==> flow/design.v <==
module core_mag_cmp_v2 #(
  parameter integer W = 40
) (
  input  wire clk,
  input  wire valid,
  input  wire signed [W-1:0] rs1_in,
  input  wire signed [W-1:0] rs2_in,
  output wire a_lt_b_out,
  output wire match_out,
  output wire a_gt_b_out
);
  reg signed [W-1:0] rs1_d1;
  reg signed [W-1:0] rs2_d1;
  always @(posedge clk) begin
    if (valid) begin
      rs1_d1 <= rs1_in;
      rs2_d1 <= rs2_in;
    end
  end
  assign a_lt_b_out = (rs1_d1 < rs2_d1);
  assign match_out = (rs1_d1 == rs2_d1);
  assign a_gt_b_out = (rs1_d1 > rs2_d1);
endmodule
* Tool chain data of core_mag_cmp_v2
Tool output for the design above, in the order of the flow. Line numbers count from 1 in the design file above. Cell names lack the library's common part. The mark -- stands for no value.
Inputs: design top core_mag_cmp_v2, clock input clk, standard-cell library sky130hd, timing corner tt_025C_1v80

* Elaborated design
Source: Yosys, flattened and elaborated, memories not mapped. Widths are those after wreduce; folded enables and synchronous resets count as part of the registers. Registers that Yosys merges into a memory's read port (data or address) are not register bits. Print and check cells do not count. Equal cells are merged and count once.
Word-level totals: ROM bits 0, latch bits 0, bits in writable memories 0, register bits 80, output and inout bits 3, word-level cells 5, clocked read ports x word width 0, memories 0
Operators by class: bitwise logic cells 0, reductions and logical operators 0, $add $sub $neg 0, divide/modulo/power cells 0, magnitude comparators 2, shift-type cells 0, $mul 0, multiplexer cells 0, equality and inequality tests 1
Operators by type and width (number):
- 40-bit > comparator | 1
- 40-bit less-than comparator | 1
- 40-bit equality test | 1

* Depth
Depth = most cells in a row (Yosys ltp): at word level without a register or memory, in the mapped netlist without a sequential cell, where the memories' decode and read muxes count.
Depth: depth in word-level cells 1, ABC_AREA 0, depth in mapped cells 8, depth with buffers taken out 8

* Synthesis result
Source: synth_stat.txt of the flow (Yosys; design flattened, memories mapped). It holds for the ABC_AREA given above (unset counts as 0); a run with the other value may have another netlist.
Mapped netlist: buffer cells 0, mapped flip-flops 80, cell count 225, sequential area 0.0024023 mm^2, chip area (Yosys) 0.0034383 mm^2
Cell types:
- edfxtp_1 | number 80, total area 2.4E+03 um^2
- ha_1 | number 40, total area 500.48 um^2
- inv_1 | number 42, total area 157.651 um^2
- a21oi_1 | number 17, total area 85.082 um^2
- nand4_1 | number 9, total area 56.304 um^2
- nand3_1 | number 5, total area 25.024 um^2
- nand2_1 | number 6, total area 22.522 um^2
- o21ai_0 | number 4, total area 20.019 um^2
- a211oi_1 | number 2, total area 15.014 um^2
- a21o_1 | number 2, total area 15.014 um^2
- nor4_1 | number 2, total area 12.512 um^2
- nor4_2 | number 1, total area 12.512 um^2
- o221a_2 | number 1, total area 11.261 um^2
- o311a_2 | number 1, total area 11.261 um^2
- a221o_1 | number 1, total area 10.01 um^2
- o311a_1 | number 1, total area 10.01 um^2
- a2111oi_0 | number 1, total area 8.758 um^2
- and2b_1 | number 1, total area 7.507 um^2
Not listed: further types 8, cells in them 9.

* Worst setup path after synthesis
Path of least setup slack by OpenSTA after synthesis, without wires, with an ideal clock, recovery checks aside; 20% of the period is set as input and as output delay. Where synthesis merged equal registers, the netlist keeps one of their names.
Path after synthesis: kind register to output, from reg rs1_d1[22], to out a_gt_b_out, data arrival time 2.173 ns, delay of the path 2.173 ns, slack 0.547 ns, buffers on the path 0, period 3.4 ns, output delay 0.680 ns, stages on the path 8, period reached after synthesis 2.853 ns
"delay of the path" = arrival - input delay + setup time. A path that ends at an output port has no setup time. "stages on the path": output pins that drive a net of the path, with the launching flip-flop's if there is one; two outputs of one cell count as two. "period reached after synthesis" is the clock period less the worst setup slack; recovery checks do not enter. This is arithmetic on one report: input and output delays are still those of the set period (20% each). The rows between start and end are the longest chain of elaborated cells between them; the timing report does not say that the signal goes this way. Where chains are equally long, one stands for them. Each line given opens the expression or statement behind the cell; cells for indexed reads and writes are added by Yosys, which also makes memories of some case tables.
Between the ends, after synthesis: cells stage by stage edfxtp_1 ha_1 a21oi_1 nand2_1 a221o_1 o311a_1 or4_1 a21oi_1, length of the longest elaborated chain 1, elaborated cells on any way between the ends 1, source lines of those cells 1, those cells by class compare: 1
RTL lines, path after synthesis:
- start, declared | RTL line 12 | reg signed [W-1:0] rs1_d1;
- start, assigned | RTL line 16 | rs1_d1 <= rs1_in;
- 40-bit > comparator | RTL line 22 | assign a_gt_b_out = (rs1_d1 > rs2_d1);
- end, declared | RTL line 10 | output wire a_gt_b_out

* Timing after layout
Path of least setup slack in the final report of run 1 (OpenROAD, finished layout, wires in). Where an end is a register, its clock arrival counts in the times.
Path post-layout: kind register to output, from reg rs1_d1[13], to out a_gt_b_out, data arrival time 3.21 ns, buffers on the path 1, slack 0.40 ns, output delay 0.90 ns, period 4.51 ns, stages on the path 9
The rows between start and end are the longest chain of elaborated cells between them; the timing report does not say that the signal goes this way. Where chains are equally long, one stands for them.
Between the ends, post-layout: cells stage by stage edfxtp_1 ha_1 a21oi_1 o21ai_0 a221o_1 o311a_1 or4_1 a21oi_1 clkdlybuf4s50_1, length of the longest elaborated chain 1, elaborated cells on any way between the ends 1, source lines of those cells 1, those cells by class compare: 1
RTL lines, path post-layout:
- start, declared | RTL line 12 | reg signed [W-1:0] rs1_d1;
- start, assigned | RTL line 16 | rs1_d1 <= rs1_in;
- 40-bit > comparator | RTL line 22 | assign a_gt_b_out = (rs1_d1 > rs2_d1);
- end, declared | RTL line 10 | output wire a_gt_b_out

Ticket comment

Stored flow runs of core_mag_cmp_v2 (3 of them; Yosys, OpenROAD, sky130hd). They differ in their settings and are not a sequence. Constraints: input delay and output delay 20% of the set period each, output load 0.01 pF.
"clock period achieved": clock period set for the run, less the worst setup slack. It is reckoned from that one timing run; input and output delays stay at 20% of the period that was set.
"time of the worst setup path": the worst setup path's part of the clock period (all of it between registers, 20% less for each end at a port) less its slack. A launch clock that arrives late makes it longer, a capture clock that arrives late makes it shorter.
"total power after layout" rests on the timing tool's default activity at the inputs, not on a simulated workload.

* Run 1 | settings: period_ns 4.51; CORE_UTILIZATION 23; SETUP_SLACK_MARGIN -0.24; CORE_MARGIN 8; GPL_TIMING_DRIVEN 0; CTS_CLUSTER_SIZE 20; CAP_MARGIN 20; SLEW_MARGIN 20 | results: chip area in the Yosys report 0.0034383 mm^2; die footprint 0.0191172 mm^2; standard-cell area after layout 0.0048221 mm^2; utilization in the final report 33.1 %; worst slack on setup checks 0.403 ns; summed negative setup slack 0.000 ns; post-route worst hold slack 1.014 ns; total power after layout 0.001834 W; clock period achieved 4.107 ns; time of the worst setup path 3.21 ns; worst path kind register to output
* Run 2 | settings: period_ns 3.4; CAP_MARGIN 20; CORE_MARGIN 2; CORE_UTILIZATION 40; SLEW_MARGIN 20 | results: chip area in the Yosys report 0.0034383 mm^2; die footprint 0.0093538 mm^2; standard-cell area after layout 0.004697 mm^2; utilization in the final report 56.9 %; worst slack on setup checks 0.144 ns; summed negative setup slack 0.000 ns; post-route worst hold slack 0.884 ns; total power after layout 0.002166 W; clock period achieved 3.256 ns; time of the worst setup path 2.58 ns; worst path kind register to output
* Run 3 | settings: period_ns 2.9; CORE_UTILIZATION 26; SETUP_SLACK_MARGIN 0.2; PLACE_DENSITY_LB_ADDON 0.03; CORE_ASPECT_RATIO 0.52; CELL_PAD_IN_SITES_GLOBAL_PLACEMENT 0; GPL_ROUTABILITY_DRIVEN 0; CTS_CLUSTER_SIZE 91; CTS_CLUSTER_DIAMETER 370; MIN_ROUTING_LAYER met1; MAX_ROUTING_LAYER met5; CAP_MARGIN 20; CORE_MARGIN 2; SLEW_MARGIN 20 | results: chip area in the Yosys report 0.0034383 mm^2; die footprint 0.0142096 mm^2; standard-cell area after layout 0.0051149 mm^2; utilization in the final report 39.4 %; worst slack on setup checks -0.323 ns; summed negative setup slack -0.655 ns; post-route worst hold slack 0.738 ns; total power after layout 0.002968 W; clock period achieved 3.223 ns; time of the worst setup path 2.64 ns; worst path kind register to output
